==> flow/design.v <==
module sync_reg_bank #(
   parameter D = 16,
   parameter W = 16,
   parameter RPORTS = 4,
   parameter ADDR_WIDTH = $clog2(D)
) (
   input logic clk_i,
   input logic write,
   input logic [ADDR_WIDTH-1:0] wa,
   input logic [W-1:0] wd,
   input logic [RPORTS*ADDR_WIDTH-1:0] rd_idx,
   output logic [RPORTS*W-1:0] read_data
);
   logic r_write;
   logic [ADDR_WIDTH-1:0] r_wa;
   logic [W-1:0] r_wd;
   always_ff @(posedge clk_i) begin
      r_write <= write;
      r_wa <= wa;
      r_wd <= wd;
   end
   logic [W-1:0] array [0:D-1];
   always_ff @(posedge clk_i) begin
      if (r_write)
         array[r_wa] <= r_wd;
   end
   logic [RPORTS*ADDR_WIDTH-1:0] r_rd_idx;
   always_ff @(posedge clk_i)
      r_rd_idx <= rd_idx;
   logic [RPORTS*W-1:0] tmp;
   generate
      for (genvar gj = 0; gj < RPORTS; gj++) begin : each
         assign tmp[gj*W +: W] = array[r_rd_idx[gj*ADDR_WIDTH +: ADDR_WIDTH]];
      end
   endgenerate
   always_ff @(posedge clk_i)
      read_data <= tmp;
endmodule
From RTL to reports: sync_reg_bank
The steps from the RTL of sync_reg_bank to its reports follow in flow order.
Lines are those of the file above, counted from 1.
Operators carry their Yosys type and port widths (W data, S select, Z words).
A cell with -- has no value.
- top: sync_reg_bank
- clock: clk_i
- standard-cell library: sky130hd
- corner: tt_025C_1v80

Word level
Counts by Yosys on the flattened word-level netlist (proc, flatten, opt, wreduce; memories kept). Register bits leave out memories and registers merged into their read ports (data or address); mux counts leave out enables and synchronous resets folded into registers. Print and check cells are left out. Cells with the same type and inputs are merged into one.
Memory sizes are those after Yosys's memory passes, which may raise the word count (mostly to a power of two), join words into wider ones and drop unused or constant bits.
- noted bits of input ports: 38
- noted memory cells: 1
- noted memory bits (writable): 256
- output and inout bits: 64
- clocked read ports x word width: 64
- noted word-level cells: 8
- register bits after elaboration at 37
- memories (name ; words ; width ; read ports ; write ports ; RTL line ; text):
    array ; 16 ; 16 ; 4 ; 1 ; 22 ; logic [W-1:0] array [0:D-1];
- noted mux-type cells: 3
- operators by type and width (operator ; number):
    $mux W16 ; 1
    $mux W4 ; 1
    $mux W1 ; 1

Longest topological paths
Yosys ltp: most cells in a row. Word level: on the elaborated netlist, between registers, memories and ports. Mapped: between sequential cells and ports; inverters and the memories' decode and read muxes count.
- depth in word-level cells: 1
- noted ABC_AREA: 1
- gate-level depth with buffers: 8
- depth with buffers taken out: 6

After synthesis
The flow's flattened synthesis, as Yosys stat reports it; memories are mapped. The netlist is that of the ABC_AREA named above (0 if unset); the other value can give another one.
Totals and module areas in this step are rounded.
- cell types (cell ; number):
    sky130_fd_sc_hd__edfxtp_1 ; 256
    sky130_fd_sc_hd__nand3_1 ; 897
    sky130_fd_sc_hd__nand2_1 ; 1093
    sky130_fd_sc_hd__dfxtp_1 ; 101
    sky130_fd_sc_hd__inv_1 ; 266
    sky130_fd_sc_hd__buf_2 ; 97
    sky130_fd_sc_hd__buf_4 ; 56
    sky130_fd_sc_hd__buf_6 ; 10
    sky130_fd_sc_hd__clkbuf_1 ; 30
    sky130_fd_sc_hd__nor2_1 ; 17
    sky130_fd_sc_hd__buf_1 ; 11
    sky130_fd_sc_hd__inv_2 ; 8
    sky130_fd_sc_hd__nand3b_1 ; 2
- flip-flop cells: 357
- noted area of sequential cells: 9700 µm²
- cell area after synthesis at 21000 µm²
- noted standard cells after synthesis: 2844

Timing after synthesis
Source: OpenSTA report_checks on the synthesized netlist (no wires, ideal clock, input and output delay 20% of the period each), path of least setup slack; recovery checks are left aside. Register names are those of the netlist, which keeps one name where synthesis merged equal registers.
- kind: flip-flop to flip-flop
- start: register r_wa[2]
- end: memory array[10][0]
- time at the first pin at 0.000 ns
- noted data arrival time: 1.228 ns
- noted setup time: 0.388 ns
- noted period: 2.97 ns
- noted stages: 3
- slack at 1.353 ns
- noted path buffers: 0
- noted path delay: 1.616 ns
- synthesis period reached: 1.617 ns
"path delay" = arrival - input delay + setup time.
"stages" counts driving pins, that of a launching flip-flop among them; a cell with two outputs on the path counts twice.
"synthesis period reached" = period - worst setup slack (recovery checks aside). The figure is calculated, with input and output delays left at 20% of the set period.
Between the ends stands the longest chain of elaborated cells between them, by number of cells; it is not shown to be the way that was timed. Of several equally long chains one is given.
A line is the first line of the expression or statement that the cell stems from. Yosys adds cells for indexed reads and writes and turns some case tables into memories.
- cells stage by stage: sky130_fd_sc_hd__dfxtp_1 sky130_fd_sc_hd__nand3b_1 sky130_fd_sc_hd__nor2_1
- cells in the longest elaborated chain at 1
- noted elaborated cells between the ends (all ways): 1
- ends and longest elaborated chain, post-synthesis (element ; RTL line ; text):
    from (decl) ; 15 ; logic [ADDR_WIDTH-1:0] r_wa;
    from (assign) ; 19 ; r_wa <= wa;
    $mux W4 ; 24 ; if (r_write)
    to (decl) ; 22 ; logic [W-1:0] array [0:D-1];

Path in the finished layout
From the final timing report of stored run 1: the path of least setup slack in the routed layout; clock arrival at registers is part of the times.
- kind: flip-flop to flip-flop
- start: register r_rd_idx[2]
- end: register read_data[7]
- noted period: 2.73 ns
- noted stages: 7
- noted setup time: 0.08 ns
- slack at 0.16 ns
- time at the first pin at 0.61 ns
- noted path buffers: 2
- noted data arrival time: 3.09 ns
- cells stage by stage: sky130_fd_sc_hd__dfxtp_1 sky130_fd_sc_hd__clkbuf_1 sky130_fd_sc_hd__inv_1 sky130_fd_sc_hd__buf_2 sky130_fd_sc_hd__nand3_1 sky130_fd_sc_hd__nand3_1 sky130_fd_sc_hd__nand2_1
- ends and longest elaborated chain, post-layout (element ; RTL line ; text):
    from (decl) ; 27 ; logic [RPORTS*ADDR_WIDTH-1:0] r_rd_idx;
    from (assign) ; 29 ; r_rd_idx <= rd_idx;
    to (decl) ; 12 ; output logic [RPORTS*W-1:0] read_data
No chain of elaborated cells between the ends is given.

==> runs of sync_reg_bank <==
sync_reg_bank through Yosys and OpenROAD on sky130hd: 3 stored runs, unordered, with their settings and measured results. The constraints put input and output delay at 20% of the set period each and load the outputs with 0.01 pF.
By "clock period achieved" is meant the clock period of the run minus its worst setup slack. This is arithmetic on one report: input and output delays are still those of the set period (20% each).
Measured values are rounded.

Stored run 1
Settings were period_ns = 2.73; CORE_UTILIZATION = 58; PLACE_DENSITY_LB_ADDON = 0.1; ABC_AREA = 1; GPL_TIMING_DRIVEN = 0; CTS_CLUSTER_DIAMETER = 232; SLEW_MARGIN = 40; MIN_ROUTING_LAYER = met1; CAP_MARGIN = 20; CORE_MARGIN = 2
- setup slack of the critical path: 0.16 ns
- noted the post-route worst hold slack: 0.38 ns
- mapped cell area after synthesis: 21000 µm²
- noted the summed negative setup slack: 0.000 ns
- clock period achieved at 2.566 ns
- noted the die area: 37000 µm²
- noted the standard-cell area after routing: 24000 µm²

Stored run 2
Settings were period_ns = 2.52; CORE_UTILIZATION = 39; SETUP_SLACK_MARGIN = 0.28; CELL_PAD_IN_SITES_GLOBAL_PLACEMENT = 1; ABC_AREA = 1; CTS_CLUSTER_SIZE = 68; CAP_MARGIN = 35; SLEW_MARGIN = 40; CORE_MARGIN = 2
- setup slack of the critical path: 0.29 ns
- noted the post-route worst hold slack: 0.36 ns
- mapped cell area after synthesis: 21000 µm²
- noted the summed negative setup slack: 0.000 ns
- clock period achieved at 2.226 ns
- noted the die area: 55000 µm²
- noted the standard-cell area after routing: 24000 µm²

Stored run 3
Settings were period_ns = 2.97; CAP_MARGIN = 20; CORE_MARGIN = 2; CORE_UTILIZATION = 40; SLEW_MARGIN = 20
- setup slack of the critical path: 0.79 ns
- noted the post-route worst hold slack: 0.46 ns
- mapped cell area after synthesis: 18000 µm²
- noted the summed negative setup slack: 0.000 ns
- clock period achieved at 2.185 ns
- noted the die area: 46000 µm²
- noted the standard-cell area after routing: 21000 µm²
